==> flow/design.v <==
module core_selector_top (i_clk, reset, src_0_in, src_1_in, src_2_in, src_3_in, idx_in, result_out);
  parameter integer NBITS = 10;
  input i_clk;
  input reset;
  input [NBITS-1:0] src_0_in;
  input [NBITS-1:0] src_1_in;
  input [NBITS-1:0] src_2_in;
  input [NBITS-1:0] src_3_in;
  input [2:0] idx_in;
  output [NBITS-1:0] result_out;
  reg [NBITS-1:0] r_src_0;
  reg [NBITS-1:0] r_src_1;
  reg [NBITS-1:0] r_src_2;
  reg [NBITS-1:0] r_src_3;
  reg [2:0] r_idx;
  reg [NBITS-1:0] work;
  always @* begin
    casez (r_idx)
      3'b??1: work = r_src_0;
      3'b?10: work = r_src_1;
      3'b100: work = r_src_2;
      default: work = r_src_3;
    endcase
  end
  assign result_out = work;
  always @(posedge i_clk or posedge reset) begin
    if (reset) begin
      r_src_0 <= 0;
      r_src_1 <= 0;
      r_src_2 <= 0;
      r_src_3 <= 0;
      r_idx <= 0;
    end else begin
      r_src_0 <= src_0_in;
      r_src_1 <= src_1_in;
      r_src_2 <= src_2_in;
      r_src_3 <= src_3_in;
      r_idx <= idx_in;
    end
  end
endmodule
-- From RTL to reports: core_selector_top
What the tools print for core_selector_top, step after step.
Line numbers count from 1 in the design file above.
Operators: Yosys type, input widths -> output width; for muxes data width and select width s.
Not given: -
- top module: core_selector_top
- clock port: i_clk
- standard-cell library: sky130hd
- corner: tt_025C_1v80

-- Word-level counts
Source: Yosys, flattened and elaborated, memories not mapped. Widths are those after wreduce; folded enables and synchronous resets count as part of the registers. Registers that Yosys merges into a memory's read port (data or address) are not register bits. Print and check cells do not count. Equal cells are merged and count once.
- noted eq/ne operators: 2
- mux-type cells: 1
- operators by type and width (operator ; count):
    $pmux 10 s3 ; 1
    $eq 3x3->1 const B ; 1
    $eq 2x2->1 const B ; 1
- noted elaborated cells: 8
- output and inout bits at 10
- register bits: 43

-- Longest topological paths
Depth = most cells in a row (Yosys ltp): at word level without a register or memory, in the mapped netlist without a sequential cell, where the memories' decode and read muxes count.
- word-level depth at 2
- noted ABC_AREA: 0
- noted mapped depth: 4

-- Synthesis result
Yosys stat after the flow's synthesis: flattened, memories mapped to cells. It holds for the ABC_AREA given above (unset counts as 0); a run with the other value may have another netlist.
The area totals of this step are shown rounded.
- buffers: 6
- cell area after synthesis at 1450 um^2
- cells in the netlist at 111
- noted flip-flop cells: 43
- cells by type (cell ; count):
    sky130_fd_sc_hd__dfrtp_1 ; 43
    sky130_fd_sc_hd__a221o_1 ; 10
    sky130_fd_sc_hd__nor2_2 ; 10
    sky130_fd_sc_hd__a21oi_1 ; 10
    sky130_fd_sc_hd__inv_1 ; 11
    sky130_fd_sc_hd__nand2_1 ; 10
    sky130_fd_sc_hd__nor2_1 ; 10
    sky130_fd_sc_hd__buf_6 ; 2
    sky130_fd_sc_hd__clkbuf_1 ; 3
    sky130_fd_sc_hd__or3_1 ; 1
    sky130_fd_sc_hd__buf_2 ; 1

-- Path before layout
Path of least setup slack by OpenSTA after synthesis, without wires, with an ideal clock, recovery checks aside; 20% of the period is set as input and as output delay. Where synthesis merged equal registers, the netlist keeps one of their names.
- kind: register to output
- from: register r_idx[1]
- to: output result_out[0]
- noted slack: 0.261 ns
- noted time at the first pin: 0.000 ns
- driving pins on the path at 4
- data required time at 1.320 ns
- delay of the path: 1.059 ns
- noted buffers on the path: 1
- period at 1.65 ns
- external output delay: 0.330 ns
- arrival at 1.059 ns
- noted synthesis period reached: 1.389 ns
"delay of the path" is the arrival time less input delay plus setup time.
A path that ends at an output port has no setup time.
"driving pins on the path" counts driving pins, that of a launching flip-flop among them; a cell with two outputs on the path counts twice.
"synthesis period reached" is the clock period less the worst setup slack; recovery checks do not enter. This is arithmetic on one report: input and output delays are still those of the set period (20% each).
Between the ends stands the longest chain of elaborated cells between them, by number of cells; it is not shown to be the way that was timed. Of several equally long chains one is given.
Each line given opens the expression or statement behind the cell; cells for indexed reads and writes are added by Yosys, which also makes memories of some case tables.
- cell sequence: sky130_fd_sc_hd__dfrtp_1 -> sky130_fd_sc_hd__buf_2 -> sky130_fd_sc_hd__a221o_1 -> sky130_fd_sc_hd__a21oi_1
- length of the longest elaborated chain at 2
- noted elaborated cells on any way between the ends: 3
- source lines of those cells: 1
- classes of those cells: eq/ne (2); mux (1)
- RTL lines, path after synthesis (element ; line ; source):
    from (decl) ; 15 ; reg [2:0] r_idx;
    from (assign) ; 32 ; r_idx <= 0;
    from (assign) ; 38 ; r_idx <= idx_in;
    $eq 3x3->1 ; 18 ; casez (r_idx)
    $pmux 10 s3 ; 18 ;
    to (decl) ; 10 ; output [NBITS-1:0] result_out;

-- Worst path after layout
From the final timing report of run A: the path of least setup slack in the routed layout; clock arrival at registers is part of the times.
- kind: register to output
- from: register r_idx[1]
- to: output result_out[1]
- driving pins on the path at 6
- noted slack: -0.28 ns
- noted buffers on the path: 2
- external output delay: 0.34 ns
- arrival at 1.65 ns
- noted time at the first pin: 0.35 ns
- period at 1.72 ns
- data required time at 1.38 ns
Between the ends stands the longest chain of elaborated cells between them, by number of cells; it is not shown to be the way that was timed. Of several equally long chains one is given.
- cell sequence: sky130_fd_sc_hd__dfrtp_2 -> sky130_fd_sc_hd__or3_4 -> sky130_fd_sc_hd__buf_6 -> sky130_fd_sc_hd__nor2_2 -> sky130_fd_sc_hd__a21oi_2 -> sky130_fd_sc_hd__buf_2
- length of the longest elaborated chain at 2
- noted elaborated cells on any way between the ends: 3
- source lines of those cells: 1
- classes of those cells: eq/ne (2); mux (1)
- RTL lines, path post-layout (element ; line ; source):
    from (decl) ; 15 ; reg [2:0] r_idx;
    from (assign) ; 32 ; r_idx <= 0;
    from (assign) ; 38 ; r_idx <= idx_in;
    $eq 3x3->1 ; 18 ; casez (r_idx)
    $pmux 10 s3 ; 18 ;
    to (decl) ; 10 ; output [NBITS-1:0] result_out;

Lab notebook: core_selector_top

Settings and measured results of 3 stored flow runs for module core_selector_top (sky130hd), not sorted in any way. The constraints put input and output delay at 20% of the set period each and load the outputs with 0.01 pF.
"period achieved": clock period set for the run, less the worst setup slack. It is reckoned from that one timing run; input and output delays stay at 20% of the period that was set.
By "critical path time" is meant the share of the clock period that the worst setup path is allowed (20% is reserved at inputs, 20% at outputs), minus its slack. Clock arrival times at its registers enter into it.
"power consumption": no workload was simulated; the value follows from the tool's default switching activity.
Values from the reports are rounded here.

Run A

==> flow/run.sh <==
#!/bin/bash
# the make line also repeats the synthesis and layout settings of config.mk as NAME=value (left out here)
make -C /OpenROAD-flow-scripts/flow DESIGN_CONFIG=/design/flow/config.mk WORK_HOME=/design/flow/orfs CLKGATE_MAP_FILE= finish
==> flow/config.mk <==
export PLATFORM = sky130hd
export DESIGN_NAME = core_selector_top
export DESIGN_NICKNAME = core_selector_top
export VERILOG_FILES = /design/flow/design.v
export SDC_FILE = /design/flow/constraint.sdc
export NUM_CORES = 4
export LEC_CHECK = 0
export CAP_MARGIN = 20
export CORE_MARGIN = 2
export CORE_UTILIZATION = 57
export CTS_CLUSTER_DIAMETER = 55
export CTS_CLUSTER_SIZE = 92
export MAX_ROUTING_LAYER = met5
export PLACE_DENSITY_LB_ADDON = 0.3
export SLEW_MARGIN = 40
export TNS_END_PERCENT = 50
==> flow/constraint.sdc <==
create_clock -name core_clock -period 1.72 [get_ports {i_clk}]
set_input_delay 0.3440 -clock core_clock [delete_from_list [all_inputs] [get_ports {i_clk}]]
set_output_delay 0.3440 -clock core_clock [all_outputs]
set_load 0.01 [all_outputs]

Measured in run A:
- die footprint: 2960 um^2
- power consumption: 0.00181 W
- period achieved: 1.996 ns
- standard-cell area after layout: 2160 um^2
- critical path time at 1.65 ns
- critical path kind: register to output
- setup TNS at -2.12 ns
- Yosys chip area after synthesis at 1450 um^2
- worst setup slack after layout at -0.276 ns
- utilization: 0.878

Run B

==> flow/run.sh <==
#!/bin/bash
# the make line also repeats the synthesis and layout settings of config.mk as NAME=value (left out here)
make -C /OpenROAD-flow-scripts/flow DESIGN_CONFIG=/design/flow/config.mk WORK_HOME=/design/flow/orfs CLKGATE_MAP_FILE= finish
==> flow/config.mk <==
export PLATFORM = sky130hd
export DESIGN_NAME = core_selector_top
export DESIGN_NICKNAME = core_selector_top
export VERILOG_FILES = /design/flow/design.v
export SDC_FILE = /design/flow/constraint.sdc
export NUM_CORES = 4
export LEC_CHECK = 0
export ABC_AREA = 1
export CAP_MARGIN = 20
export CELL_PAD_IN_SITES_GLOBAL_PLACEMENT = 0
export CORE_ASPECT_RATIO = 0.53
export CORE_MARGIN = 5
export CORE_UTILIZATION = 61
export CTS_CLUSTER_SIZE = 92
export GPL_ROUTABILITY_DRIVEN = 1
export GPL_TIMING_DRIVEN = 1
export MIN_ROUTING_LAYER = met2
export PLACE_DENSITY_LB_ADDON = 0.27
export SETUP_SLACK_MARGIN = 0.25
export SLEW_MARGIN = 20
export TNS_END_PERCENT = 5
==> flow/constraint.sdc <==
create_clock -name core_clock -period 1.77 [get_ports {i_clk}]
set_input_delay 0.3540 -clock core_clock [delete_from_list [all_inputs] [get_ports {i_clk}]]
set_output_delay 0.3540 -clock core_clock [all_outputs]
set_load 0.01 [all_outputs]

Run B: stopped before the end: clock tree synthesis reported DPL-0038.

Run C

==> flow/run.sh <==
#!/bin/bash
# the make line also repeats the synthesis and layout settings of config.mk as NAME=value (left out here)
make -C /OpenROAD-flow-scripts/flow DESIGN_CONFIG=/design/flow/config.mk WORK_HOME=/design/flow/orfs CLKGATE_MAP_FILE= finish
==> flow/config.mk <==
export PLATFORM = sky130hd
export DESIGN_NAME = core_selector_top
export DESIGN_NICKNAME = core_selector_top
export VERILOG_FILES = /design/flow/design.v
export SDC_FILE = /design/flow/constraint.sdc
export NUM_CORES = 4
export LEC_CHECK = 0
export CAP_MARGIN = 20
export CORE_MARGIN = 2
export CORE_UTILIZATION = 40
export SLEW_MARGIN = 20
==> flow/constraint.sdc <==
create_clock -name core_clock -period 1.65 [get_ports {i_clk}]
set_input_delay 0.3300 -clock core_clock [delete_from_list [all_inputs] [get_ports {i_clk}]]
set_output_delay 0.3300 -clock core_clock [all_outputs]
set_load 0.01 [all_outputs]

Measured in run C:
- die footprint: 4120 um^2
- power consumption: 0.00195 W
- period achieved: 1.910 ns
- standard-cell area after layout: 2190 um^2
- critical path time at 1.58 ns
- critical path kind: register to output
- setup TNS at -2.52 ns
- Yosys chip area after synthesis at 1450 um^2
- worst setup slack after layout at -0.260 ns
- utilization: 0.641
